==> flow/design.v <==
module dp_arith_n #(
   parameter W = 112
) (
   input  logic ck,
   input  logic resetn,
   input  logic signed [W-1:0] a_in,
   input  logic signed [W-1:0] b_in,
   input  logic dir_in,
   output logic [W-1:0] result_out,
   output logic carry_out_out
);
   logic signed [W-1:0] a_ff;
   logic signed [W-1:0] b_ff;
   logic dir_ff;
   logic [W-1:0] w2;
   assign w2 = b_ff ^ {W{dir_ff}};
   logic [W-1:0] nxt;
   assign nxt = $unsigned(a_ff) + w2 + dir_ff;
   always_ff @(posedge ck or negedge resetn) begin
      if (!resetn) begin
         a_ff <= '0;
         b_ff <= '0;
         dir_ff <= 1'b0;
         result_out <= '0;
         carry_out_out <= 1'b0;
      end else begin
         a_ff <= a_in;
         b_ff <= b_in;
         dir_ff <= dir_in;
         result_out <= nxt[W-1:0];
         carry_out_out <= (a_ff[W-1] == w2[W-1]) && (nxt[W-1] != a_ff[W-1]);
      end
   end
endmodule
Step by step through the tools: dp_arith_n --
What the tools print for dp_arith_n, step after step. Line numbers count from 1 in the design file above. Operators: Yosys type, input widths -> output width; for muxes data width and select width s. Library cell names are shortened. Not given: -
Inputs: design top dp_arith_n, clock port ck, cell library sky130hd, corner tt_025C_1v80

After elaboration --
Yosys after proc, flatten, opt, wreduce and memory -nomap, before mapping. Enables and synchronous resets that opt folds into registers are not counted as muxes. Memory bits, and registers merged into a memory's read port (data or address), are not among the register bits. Print and check cells are not counted. Equal cells are merged and count once.
Word-level totals: register bits after elaboration 338, input port bits 227, output and inout port bits 113
Cells by class: $add $sub $neg 2, equal/unequal tests 2, bitwise operators 1, reductions and logical operators 1
Operator list (number):
- $add 112x1->112 | 1
- $add 112x112->112 | 1
- $xor 112x112->112 | 1
- $eq 1x1->1 | 1
- $ne 1x1->1 | 1
- $logic_and 1x1->1 | 1

Logic depth --
Yosys ltp: most cells in a row. Word level: on the elaborated netlist, between registers, memories and ports. Mapped: between sequential cells and ports; inverters and the memories' decode and read muxes count.
Logic depth: depth in word-level cells 5, ABC_AREA 0, mapped depth 17, mapped depth without buffers 14

Synthesis result --
Source: synth_stat.txt of the flow (Yosys; design flattened, memories mapped). It holds for the ABC_AREA given above (unset counts as 0); a run with the other value may have another netlist. The area totals of this step are shown rounded.
Cells by type:
- dfrtp_1 | number 338, area in all 8.46E+03 µm²
- ha_1 | number 110, area in all 1376.32 µm²
- xor2_1 | number 150, area in all 1313.76 µm²
- a21oi_1 | number 158, area in all 790.758 µm²
- xnor2_1 | number 69, area in all 604.33 µm²
- o21ai_0 | number 98, area in all 490.47 µm²
- nand2_1 | number 123, area in all 461.693 µm²
- nor2_1 | number 91, area in all 341.578 µm²
- nand4_1 | number 50, area in all 312.8 µm²
- a21o_1 | number 39, area in all 292.781 µm²
- o21bai_1 | number 33, area in all 247.738 µm²
- inv_1 | number 38, area in all 142.637 µm²
- nor3_1 | number 28, area in all 140.134 µm²
- clkbuf_1 | number 37, area in all 138.883 µm²
- o21a_1 | number 17, area in all 127.622 µm²
- a21boi_0 | number 10, area in all 75.072 µm²
- a31oi_1 | number 12, area in all 75.072 µm²
- nor2b_1 | number 12, area in all 75.072 µm²
Not listed: further types 54, cells in them 169.
Mapped netlist: cell count 1582, synthesis area 17000 µm², flip-flop cells 338

Worst setup path after synthesis --
OpenSTA on the mapped netlist: ideal clock, no wires. The path of least setup slack (recovery checks aside). Input and output delay are each 20% of the period. Register names are those of the netlist, which keeps one name where synthesis merged equal registers.
Path after synthesis: path kind reg2reg, start register dir_ff, end register result_out[84], period 4.8 ns, setup time 0.131 ns, data arrival time 3.708 ns, path slack 0.961 ns, path delay 3.839 ns, driving pins on the path 17, buffers on the path 3, synthesis period reached 3.839 ns
"path delay" is the arrival time less input delay plus setup time. "driving pins on the path": output pins that drive a net of the path, with the launching flip-flop's if there is one; two outputs of one cell count as two. "synthesis period reached" is the clock period less the worst setup slack; recovery checks do not enter. This is arithmetic on one report: input and output delays are still those of the set period (20% each). The rows between start and end are the longest chain of elaborated cells between them; the timing report does not say that the signal goes this way. Where chains are equally long, one stands for them. Each line given opens the expression or statement behind the cell; cells for indexed reads and writes are added by Yosys, which also makes memories of some case tables.
On the way, after synthesis: cells stage by stage dfrtp_1 -> buf_2 -> clkbuf_1 -> buf_1 -> xor2_1 -> ha_1 -> nor2b_1 -> o2111ai_2 -> a211oi_1 -> o31ai_2 -> a21oi_2 -> o32ai_2 -> o21ai_2 -> a2111oi_4 -> nor2_2 -> a2111oi_2 -> nor3_1, cells in the longest elaborated chain 3, elaborated cells on any way between the ends 3, source lines of those cells 2, those cells by class add/sub (2); logic (1)
RTL lines, path after synthesis:
- from (decl) | RTL line 14 | logic dir_ff;
- from (assign) | RTL line 23 | dir_ff <= 1'b0;
- from (assign) | RTL line 29 | dir_ff <= dir_in;
- $xor 112x112->112 | RTL line 16 | assign w2 = b_ff ^ {W{dir_ff}};
- $add 112x112->112 | RTL line 18 | assign nxt = $unsigned(a_ff) + w2 + dir_ff;
- $add 112x1->112 | RTL line 18
- to (assign) | RTL line 24 | result_out <= '0;
- to (assign) | RTL line 30 | result_out <= nxt[W-1:0];
- to (decl) | RTL line 9 | output logic [W-1:0] result_out,

Timing after layout --
Path of least setup slack in the final report of stored run 1 (OpenROAD, finished layout, wires in). Where an end is a register, its clock arrival counts in the times.
Path post-layout: path kind reg2reg, start register dir_ff, end register result_out[103], period 4.8 ns, setup time 0.08 ns, data arrival time 4.90 ns, path slack 0.37 ns, driving pins on the path 15, buffers on the path 1
The rows between start and end are the longest chain of elaborated cells between them; the timing report does not say that the signal goes this way. Where chains are equally long, one stands for them.
On the way, post-layout: cells stage by stage dfrtp_4 -> buf_12 -> xor2_1 -> ha_1 -> a21oi_1 -> o21ai_0 -> a221oi_1 -> o21ai_0 -> a221o_1 -> a41oi_4 -> o31a_1 -> o21ai_1 -> a21boi_1 -> o21a_1 -> xnor2_1, cells in the longest elaborated chain 3, elaborated cells on any way between the ends 3, source lines of those cells 2, those cells by class add/sub (2); logic (1)
RTL lines, path post-layout:
- from (decl) | RTL line 14 | logic dir_ff;
- from (assign) | RTL line 23 | dir_ff <= 1'b0;
- from (assign) | RTL line 29 | dir_ff <= dir_in;
- $xor 112x112->112 | RTL line 16 | assign w2 = b_ff ^ {W{dir_ff}};
- $add 112x112->112 | RTL line 18 | assign nxt = $unsigned(a_ff) + w2 + dir_ff;
- $add 112x1->112 | RTL line 18
- to (assign) | RTL line 24 | result_out <= '0;
- to (assign) | RTL line 30 | result_out <= nxt[W-1:0];
- to (decl) | RTL line 9 | output logic [W-1:0] result_out,

Lab notebook: dp_arith_n

Stored flow runs of dp_arith_n (3 of them; Yosys, OpenROAD, sky130hd). They differ in their settings and are not a sequence. Constraints: input delay and output delay 20% of the set period each, output load 0.01 pF.
"clock period achieved" = clock period - worst setup slack. The figure is calculated, with input and output delays left at 20% of the set period.
"time used up by the worst setup path" = time allowed to the worst setup path (clock period - input delay - output delay, where it has them) - its slack; a late launch clock adds to it, a late capture clock takes from it.
"overall power" is the tool's figure for a default switching activity; nothing was simulated.
The measured numbers are rounded.

* Stored run 1 | settings: period_ns 4.8; CAP_MARGIN 20; CORE_MARGIN 2; CORE_UTILIZATION 40; SLEW_MARGIN 20 | results: overall power 9,200 uW; time used up by the worst setup path 4.43 ns; worst setup path type reg2reg; synthesized cell area 17,000 µm²; post-route setup TNS 0.000 ns; utilization 53 %; clock period achieved 4.428 ns; standard-cell area after routing 22,000 µm²; total die area 44,000 µm²; setup slack of the critical path 0.37 ns
* Stored run 2 | settings: period_ns 3.75; CORE_UTILIZATION 34; SETUP_SLACK_MARGIN 0.18; PLACE_DENSITY_LB_ADDON 0.28; CORE_ASPECT_RATIO 0.63; CORE_MARGIN 6; CELL_PAD_IN_SITES_DETAIL_PLACEMENT 2; CAP_MARGIN 5; MIN_ROUTING_LAYER met1; MAX_ROUTING_LAYER met5; SLEW_MARGIN 20 | results: standard-cell area after routing 28,000 µm²; total die area 55,000 µm²; utilization 57 %; synthesized cell area 17,000 µm²; clock period achieved 4.557 ns; setup slack of the critical path -0.81 ns; post-route setup TNS -31 ns; time used up by the worst setup path 4.56 ns; worst setup path type reg2reg; overall power 15,000 uW
* Stored run 3 | settings: period_ns 5.46; CORE_UTILIZATION 67; SETUP_SLACK_MARGIN -0.47; PLACE_DENSITY 0.87; CORE_ASPECT_RATIO 1.21; CORE_MARGIN 6; CELL_PAD_IN_SITES_GLOBAL_PLACEMENT 2; CELL_PAD_IN_SITES_DETAIL_PLACEMENT 1; TNS_END_PERCENT 40; CTS_CLUSTER_SIZE 70; CTS_CLUSTER_DIAMETER 327; MAX_ROUTING_LAYER met5; CAP_MARGIN 20; SLEW_MARGIN 20 | no results, placement failed with GPL-0301
